==> flow/design.v <==
module cpu_sel_unit #(
   parameter XLEN = 2,
   parameter LANES = 16,
   parameter SEL_WIDTH = $clog2(LANES)
) (
   input wire clk_i,
   input wire RSTN,
   input wire enable,
   input wire [LANES*XLEN-1:0] d_in,
   input wire [SEL_WIDTH-1:0] choose_in,
   output wire [XLEN-1:0] y_out
);
   reg [LANES*XLEN-1:0] d_ff;
   always @(posedge clk_i or negedge RSTN) begin
      if (~RSTN) begin
         d_ff <= 0;
      end else if (enable) begin
         d_ff <= d_in;
      end
   end
   reg [SEL_WIDTH-1:0] choose_ff;
   always @(posedge clk_i or negedge RSTN) begin
      if (~RSTN) begin
         choose_ff <= 0;
      end else if (enable) begin
         choose_ff <= choose_in;
      end
   end
   wire [XLEN-1:0] node [1:2*LANES-1];
   genvar i;
   generate
      for (i = 0; i < LANES; i = i + 1) begin : row
         assign node[LANES+i] = d_ff[i*XLEN +: XLEN];
      end
      for (i = 1; i < LANES; i = i + 1) begin : g_bit
         assign node[i] = choose_ff[SEL_WIDTH - $clog2(i+1)] ? node[2*i+1] : node[2*i];
      end
   endgenerate
   assign y_out = node[1];
endmodule
Hand-over note for cpu_sel_unit

Reports on cpu_sel_unit
Module cpu_sel_unit in several versions that differ in "XLEN"; each step lists the members. The file above is the member XLEN=2. Line numbers count from 1 in each member's own file. Library cell names are shortened. Not given: n/a

Top module: cpu_sel_unit. Clock port: clk_i. Cell library: sky130hd. Corner: tt_025C_1v80.

Source of the members
Lines of each other member's file that are new or changed against the file above; lines that a member lacks are not shown.

New or changed lines: XLEN 10 (line 2) `parameter XLEN = 10,`; XLEN 12 (line 2) `parameter XLEN = 12,`.

Word-level counts
Counts by Yosys on the flattened word-level netlist (proc, flatten, opt, wreduce). Print and check cells are left out. Cells with the same type and inputs are merged into one.

Storage and ports: XLEN 2 (register bits after elaboration 36, input bits 39, output and inout port bits 2, word-level cells 17); XLEN 10 (register bits after elaboration 164, input bits 167, output and inout port bits 10, word-level cells 17); XLEN 12 (register bits after elaboration 196, input bits 199, output and inout port bits 12, word-level cells 17).

Cells by class (multiplexer cells): XLEN 2 (15); XLEN 10 (15); XLEN 12 (15).

Operator list (kind and count): XLEN 2 (15 x two-way mux 2 bit); XLEN 10 (15 x two-way mux 10 bit); XLEN 12 (15 x two-way mux 12 bit).

Depth
Yosys ltp: most cells in a row. Word level: on the elaborated netlist, between registers, memories and ports. Mapped: between sequential cells and ports; inverters and the memories' decode and read muxes count.

Logic depth: XLEN 2 (depth after elaboration 4, ABC_AREA 0, gate-level depth with buffers 4); XLEN 10 (depth after elaboration 4, ABC_AREA 0, gate-level depth with buffers 5); XLEN 12 (depth after elaboration 4, ABC_AREA 0, gate-level depth with buffers 6).

Mapped cells and area
Yosys stat after the flow's synthesis: flattened, memories mapped to cells. It holds for the ABC_AREA given above (unset counts as 0); a run with the other value may have another netlist.

Mapped netlist: XLEN 2 (cell count 97, chip area (Yosys) 1595.3 um^2, flip-flops 36, buffers 6); XLEN 10 (cell count 433, chip area (Yosys) 7329.5 um^2, flip-flops 164, buffers 31); XLEN 12 (cell count 517, chip area (Yosys) 8730.9 um^2, flip-flops 196, buffers 37).

Cell types (type and count): XLEN 2 (36 x dfrtp_1; 36 x mux2_2; 4 x mux4_1; 4 x mux4_2; 4 x buf_2; 4 x nand3_1; 2 x a22oi_1; 2 x nor2b_1; 1 x buf_6; 2 x nand2_1; 1 x clkbuf_1; 1 x nor2_1); XLEN 10 (164 x dfrtp_1; 164 x mux2_2; 23 x mux4_2; 17 x mux4_1; 20 x a22oi_1; 20 x buf_2; 2 x buf_12; 10 x nand2_1; 2 x buf_8; 4 x clkbuf_1; 2 x nor2b_1; 1 x buf_6; 2 x buf_1; 1 x and2_1; 1 x nor2_1); XLEN 12 (196 x dfrtp_1; 196 x mux2_2; 42 x mux4_2; 6 x mux4_1; 23 x buf_2; 15 x a22oi_1; 9 x a22oi_2; 12 x nand2_1; 2 x buf_12; 2 x buf_6; 4 x buf_1; 2 x buf_4; 4 x clkbuf_1; 2 x nor2b_1; 1 x and2_1; 1 x nor2_1).

Timing after synthesis
Path of least setup slack by OpenSTA after synthesis, without wires, with an ideal clock, recovery checks aside; 20% of the period is set as input and as output delay. Where synthesis merged equal registers, the netlist keeps one of their names.

Timing path post-synthesis: XLEN 2 (path kind reg2out, start point reg (no name shown), end point out y_out[1], clock period 1.98 ns, slack 0.316 ns, stages on the path 5, path delay 1.268 ns, period reached after synthesis 1.664 ns); XLEN 10 (path kind reg2out, start point reg (no name shown), end point out y_out[1], clock period 2.17 ns, slack 0.346 ns, stages on the path 6, path delay 1.390 ns, period reached after synthesis 1.824 ns); XLEN 12 (path kind reg2out, start point reg (no name shown), end point out y_out[7], clock period 2.24 ns, slack 0.358 ns, stages on the path 6, path delay 1.434 ns, period reached after synthesis 1.882 ns).

"path delay" = arrival - input delay + setup time. A path that ends at an output port has no setup time. "stages on the path": output pins that drive a net of the path, with the launching flip-flop's if there is one; two outputs of one cell count as two. "period reached after synthesis" = period - worst setup slack (recovery checks aside). The figure is calculated, with input and output delays left at 20% of the set period. The rows between start and end are the longest chain of elaborated cells between them; the timing report does not say that the signal goes this way. Where chains are equally long, one stands for them. Each line given opens the expression or statement behind the cell; cells for indexed reads and writes are added by Yosys, which also makes memories of some case tables.

Between the ends, post-synthesis, XLEN=2:
The entry for length of the longest elaborated chain reads 4.

RTL lines, path post-synthesis, XLEN=2: from (decl) (line 21); from (assign) (line 24); from (assign) (line 26); two-way mux 2 bit x4 (line 36); to (decl) (line 11) `output wire [XLEN-1:0] y_out`.

Between the ends, post-synthesis, XLEN=12:
The entry for length of the longest elaborated chain reads 4.

RTL lines, path post-synthesis, XLEN=12: from (decl) (line 21); from (assign) (line 24); from (assign) (line 26); two-way mux 12 bit x4 (line 36); to (decl) (line 11) `output wire [XLEN-1:0] y_out`.

Worst path after layout
Path of least setup slack in the final report of each member's run (OpenROAD, finished layout, wires in). Where an end is a register, its clock arrival counts in the times.

Timing path after layout: XLEN 2 (path kind reg2out, start point reg (no name shown), end point out y_out[0], clock period 1.98 ns, slack -0.13 ns, stages on the path 6, arrival time 1.71 ns, path buffers 2); XLEN 10 (path kind reg2out, start point reg (no name shown), end point out y_out[4], clock period 2.17 ns, slack -0.46 ns, stages on the path 8, arrival time 2.19 ns, path buffers 4); XLEN 12 (path kind reg2out, start point reg (no name shown), end point out y_out[0], clock period 2.24 ns, slack -0.48 ns, stages on the path 8, arrival time 2.27 ns, path buffers 4).

Flow runs
One run of the flow (Yosys, OpenROAD) for each member, with settings and measured results. Input and output delays are each 20% of the period that was set; the output load is 0.01 pF.

CAP_MARGIN: 20. For CORE_MARGIN the number is 2. The entry for CORE_UTILIZATION reads 40. Under SLEW_MARGIN stands 20.

Settings by member (period_ns): XLEN 2 (1.98); XLEN 10 (2.17); XLEN 12 (2.24).

Measured results: XLEN 2 (chip area after synthesis (Yosys) 1595.3 um^2, total die area 4509.1 um^2, standard-cell area after layout 2182.1 um^2, utilization after routing 0.583, setup slack of the critical path -0.128 ns, summed negative setup slack -0.231 ns, worst hold slack in the final report 0.504 ns, total power after layout 1716 µW, clock period achieved 2.108 ns); XLEN 10 (chip area after synthesis (Yosys) 7329.5 um^2, total die area 19422.6 um^2, standard-cell area after layout 10397.5 um^2, utilization after routing 0.579, setup slack of the critical path -0.456 ns, summed negative setup slack -4.048 ns, worst hold slack in the final report 0.481 ns, total power after layout 8490 µW, clock period achieved 2.626 ns); XLEN 12 (chip area after synthesis (Yosys) 8730.9 um^2, total die area 23025.0 um^2, standard-cell area after layout 12200.5 um^2, utilization after routing 0.564, setup slack of the critical path -0.475 ns, summed negative setup slack -4.939 ns, worst hold slack in the final report 0.504 ns, total power after layout 9240 µW, clock period achieved 2.715 ns).

"clock period achieved" = clock period - worst setup slack. The figure is calculated, with input and output delays left at 20% of the set period. "total power after layout" rests on the timing tool's default activity at the inputs, not on a simulated workload.

End of note.
